==> flow/design.v <==
module gen_mul #(
    parameter W = 8,
    parameter K = 3
) (
    input  wire clk,
    input  wire [W-1:0] A_in,
    input  wire [K-1:0] B_in,
    output wire [W+K-1:0] m_out
);
    reg [W-1:0] A_ff;
    reg [K-1:0] B_ff;
    assign m_out = A_ff * B_ff;
    always @(posedge clk) begin
        A_ff <= A_in;
        B_ff <= B_in;
    end
endmodule
### From RTL to reports: gen_mul

Tool output for the design above, in the order of the flow.
Lines are those of the file above, counted from 1.
Cell names lack the library's common part.
Not given: -

| set-up | value |
|---|---|
| top module | gen_mul |
| clock port | clk |
| standard-cell library | sky130hd |
| corner | tt_025C_1v80 |

### After elaboration

Source: Yosys, flattened and elaborated, memories not mapped. Widths are those after wreduce; folded enables and synchronous resets count as part of the registers. Registers that Yosys merges into a memory's read port (data or address) are not register bits. Print and check cells do not count. Equal cells are merged and count once.

| bit counts | value |
|---|---|
| bits in registers | 11 |
| cells after elaboration | 3 |

| cells by class | value |
|---|---|
| multiply operators | 1 |

Operators with widths:

| cell | number |
|---|---|
| multiplier 8 x 3 -> 11 bit | 1 |

### Logic depth

Longest topological path by Yosys (ltp), each cell counted once; first at word level (registers and memories cut), then after technology mapping (sequential cells cut; the memories' decode and read muxes count).

| depth | value |
|---|---|
| depth after elaboration | 1 |
| ABC_AREA | 1 |
| mapped depth | 14 |
| mapped depth without buffers | 13 |

### Mapped cells and area

Yosys stat after the flow's synthesis: flattened, memories mapped to cells. It holds for the ABC_AREA given above (unset counts as 0); a run with the other value may have another netlist.

Cell types:

| cell type | number | total area (um^2) |
|---|---|---|
| dfxtp_1 | 11 | 220.211 |
| nand2_1 | 47 | 176.419 |
| fa_1 | 7 | 140.134 |
| ha_1 | 10 | 125.12 |
| inv_1 | 32 | 120.115 |
| xnor2_1 | 3 | 26.275 |
| nand3_2 | 2 | 20.019 |
| a21oi_1 | 3 | 15.014 |
| nand3_1 | 3 | 15.014 |
| nand2_2 | 2 | 12.512 |
| clkbuf_1 | 3 | 11.261 |
| or2_4 | 1 | 8.758 |
| nand3b_1 | 1 | 7.507 |
| nor2_1 | 2 | 7.507 |
| nor2_2 | 1 | 6.256 |
| or2_1 | 1 | 6.256 |

| mapped netlist | value |
|---|---|
| standard cells after synthesis | 129 |
| chip area (Yosys) | 918.4 um^2 |
| sequential area | 220.2 um^2 |
| flip-flop cells | 11 |

### Path before layout

OpenSTA on the mapped netlist: ideal clock, no wires. The path of least setup slack (recovery checks aside). Input and output delay are each 20% of the period. Register names are those of the netlist, which keeps one name where synthesis merged equal registers.

| path after synthesis | value |
|---|---|
| kind | register to output |
| start | register B_ff[2] |
| end | output m_out[6] |
| period | 3.65 ns |
| output delay | 0.730 ns |
| time at the first pin | 0.000 ns |
| arrival time | 2.128 ns |
| setup slack | 0.792 ns |
| path delay | 2.128 ns |
| driving pins on the path | 13 |
| buffers on the path | 1 |
| synthesis period reached | 2.858 ns |

"path delay" is the arrival time less input delay plus setup time.
At an output port there is no setup time.
"driving pins on the path": output pins that drive a net of the path, with the launching flip-flop's if there is one; two outputs of one cell count as two.
"synthesis period reached" is the clock period less the worst setup slack; recovery checks do not enter. This is arithmetic on one report: input and output delays are still those of the set period (20% each).
The rows between start and end are the longest chain of elaborated cells between them; the timing report does not say that the signal goes this way. Where chains are equally long, one stands for them.
A line is the first line of the expression or statement that the cell stems from. Yosys adds cells for indexed reads and writes and turns some case tables into memories.

| on the way, after synthesis | value |
|---|---|
| path through | dfxtp_1 > clkbuf_1 > nand2_1 > inv_1 > fa_1 > ha_1 > inv_1 > fa_1 > inv_1 > nand2_1 > nand2_1 > nand2_1 > xnor2_1 |
| length of the longest elaborated chain | 1 |
| elaborated cells on any way between the ends | 1 |

RTL lines, path after synthesis:

| item | RTL line | source |
|---|---|---|
| start: declaration | 11 | `reg [K-1:0] B_ff;` |
| start: assignment | 15 | `B_ff <= B_in;` |
| multiplier 8 x 3 -> 11 bit | 12 | `assign m_out = A_ff * B_ff;` |
| end: declaration | 8 | `output wire [W+K-1:0] m_out` |

### Path in the finished layout

Path of least setup slack in the final report of flow run 1 (OpenROAD, finished layout, wires in). Where an end is a register, its clock arrival counts in the times.

| path post-layout | value |
|---|---|
| kind | register to output |
| start | register B_ff[2] |
| end | output m_out[8] |
| period | 4.42 ns |
| output delay | 0.88 ns |
| time at the first pin | 0.26 ns |
| arrival time | 3.02 ns |
| setup slack | 0.51 ns |
| driving pins on the path | 16 |
| buffers on the path | 2 |

The rows between start and end are the longest chain of elaborated cells between them; the timing report does not say that the signal goes this way. Where chains are equally long, one stands for them.

| on the way, post-layout | value |
|---|---|
| path through | dfxtp_1 > clkbuf_1 > nand2_1 > inv_1 > fa_1 > ha_1 > inv_1 > fa_1 > inv_1 > nand2_1 > nand2_1 > nand3_2 > nand2_1 > nand2_1 > nand2_1 > clkdlybuf4s50_1 |
| length of the longest elaborated chain | 1 |
| elaborated cells on any way between the ends | 1 |

RTL lines, path post-layout:

| item | RTL line | source |
|---|---|---|
| start: declaration | 11 | `reg [K-1:0] B_ff;` |
| start: assignment | 15 | `B_ff <= B_in;` |
| multiplier 8 x 3 -> 11 bit | 12 | `assign m_out = A_ff * B_ff;` |
| end: declaration | 8 | `output wire [W+K-1:0] m_out` |

Subject: flow runs of gen_mul

Hi,

Design gen_mul on sky130hd. What follows are 3 stored runs of the flow, each under its own settings; their order means nothing. The constraints put input and output delay at 20% of the set period each and load the outputs with 0.01 pF.
"period reached" = clock period - worst setup slack. The figure is calculated, with input and output delays left at 20% of the set period.
"overall power" is the tool's figure for a default switching activity; nothing was simulated.
Settings: - = not set for that run.
Results: - = not shown.

| run | period_ns | CORE_UTILIZATION | SETUP_SLACK_MARGIN | PLACE_DENSITY | CELL_PAD_IN_SITES_GLOBAL_PLACEMENT | ABC_AREA | GPL_TIMING_DRIVEN | CTS_CLUSTER_SIZE | CTS_CLUSTER_DIAMETER | SLEW_MARGIN | MIN_ROUTING_LAYER | MAX_ROUTING_LAYER | CAP_MARGIN | CORE_MARGIN | PLACE_DENSITY_LB_ADDON | CELL_PAD_IN_SITES_DETAIL_PLACEMENT | Yosys chip area after synthesis (um^2) | die area (um^2) | std-cell area (final layout) (um^2) | post-route utilization (%) | worst slack on setup checks (ns) | summed negative setup slack (ns) | lowest hold slack (ns) | overall power (µW) | period reached (ns) |
|---|---|---|---|---|---|---|---|---|---|---|---|---|---|---|---|---|---|---|---|---|---|---|---|---|---|
| flow run 1 | 4.42 | 40 | -0.04 | 0.89 | 1 | 1 | 0 | 62 | 203 | 40 | met1 | met4 | 20 | 2 | - | - | 918.4 | 2695.2 | 1199.9 | 54.8 | 0.513 | 0.000 | 1.065 | 317.6 | 3.907 |
| flow run 2 | 3.65 | 40 | - | - | - | - | - | - | - | 20 | - | - | 20 | 2 | - | - | 835.8 | 2471.1 | 1136.1 | 57.9 | 0.160 | 0.000 | 0.910 | 367.5 | 3.490 |
| flow run 3 | 4.44 | 49 | - | - | - | - | - | - | - | 35 | met1 | - | 20 | 2 | 0.23 | 2 | - | - | - | - | - | - | - | - | - |

Flow run 3: no final report: placement broke off with DPL-0033

Regards
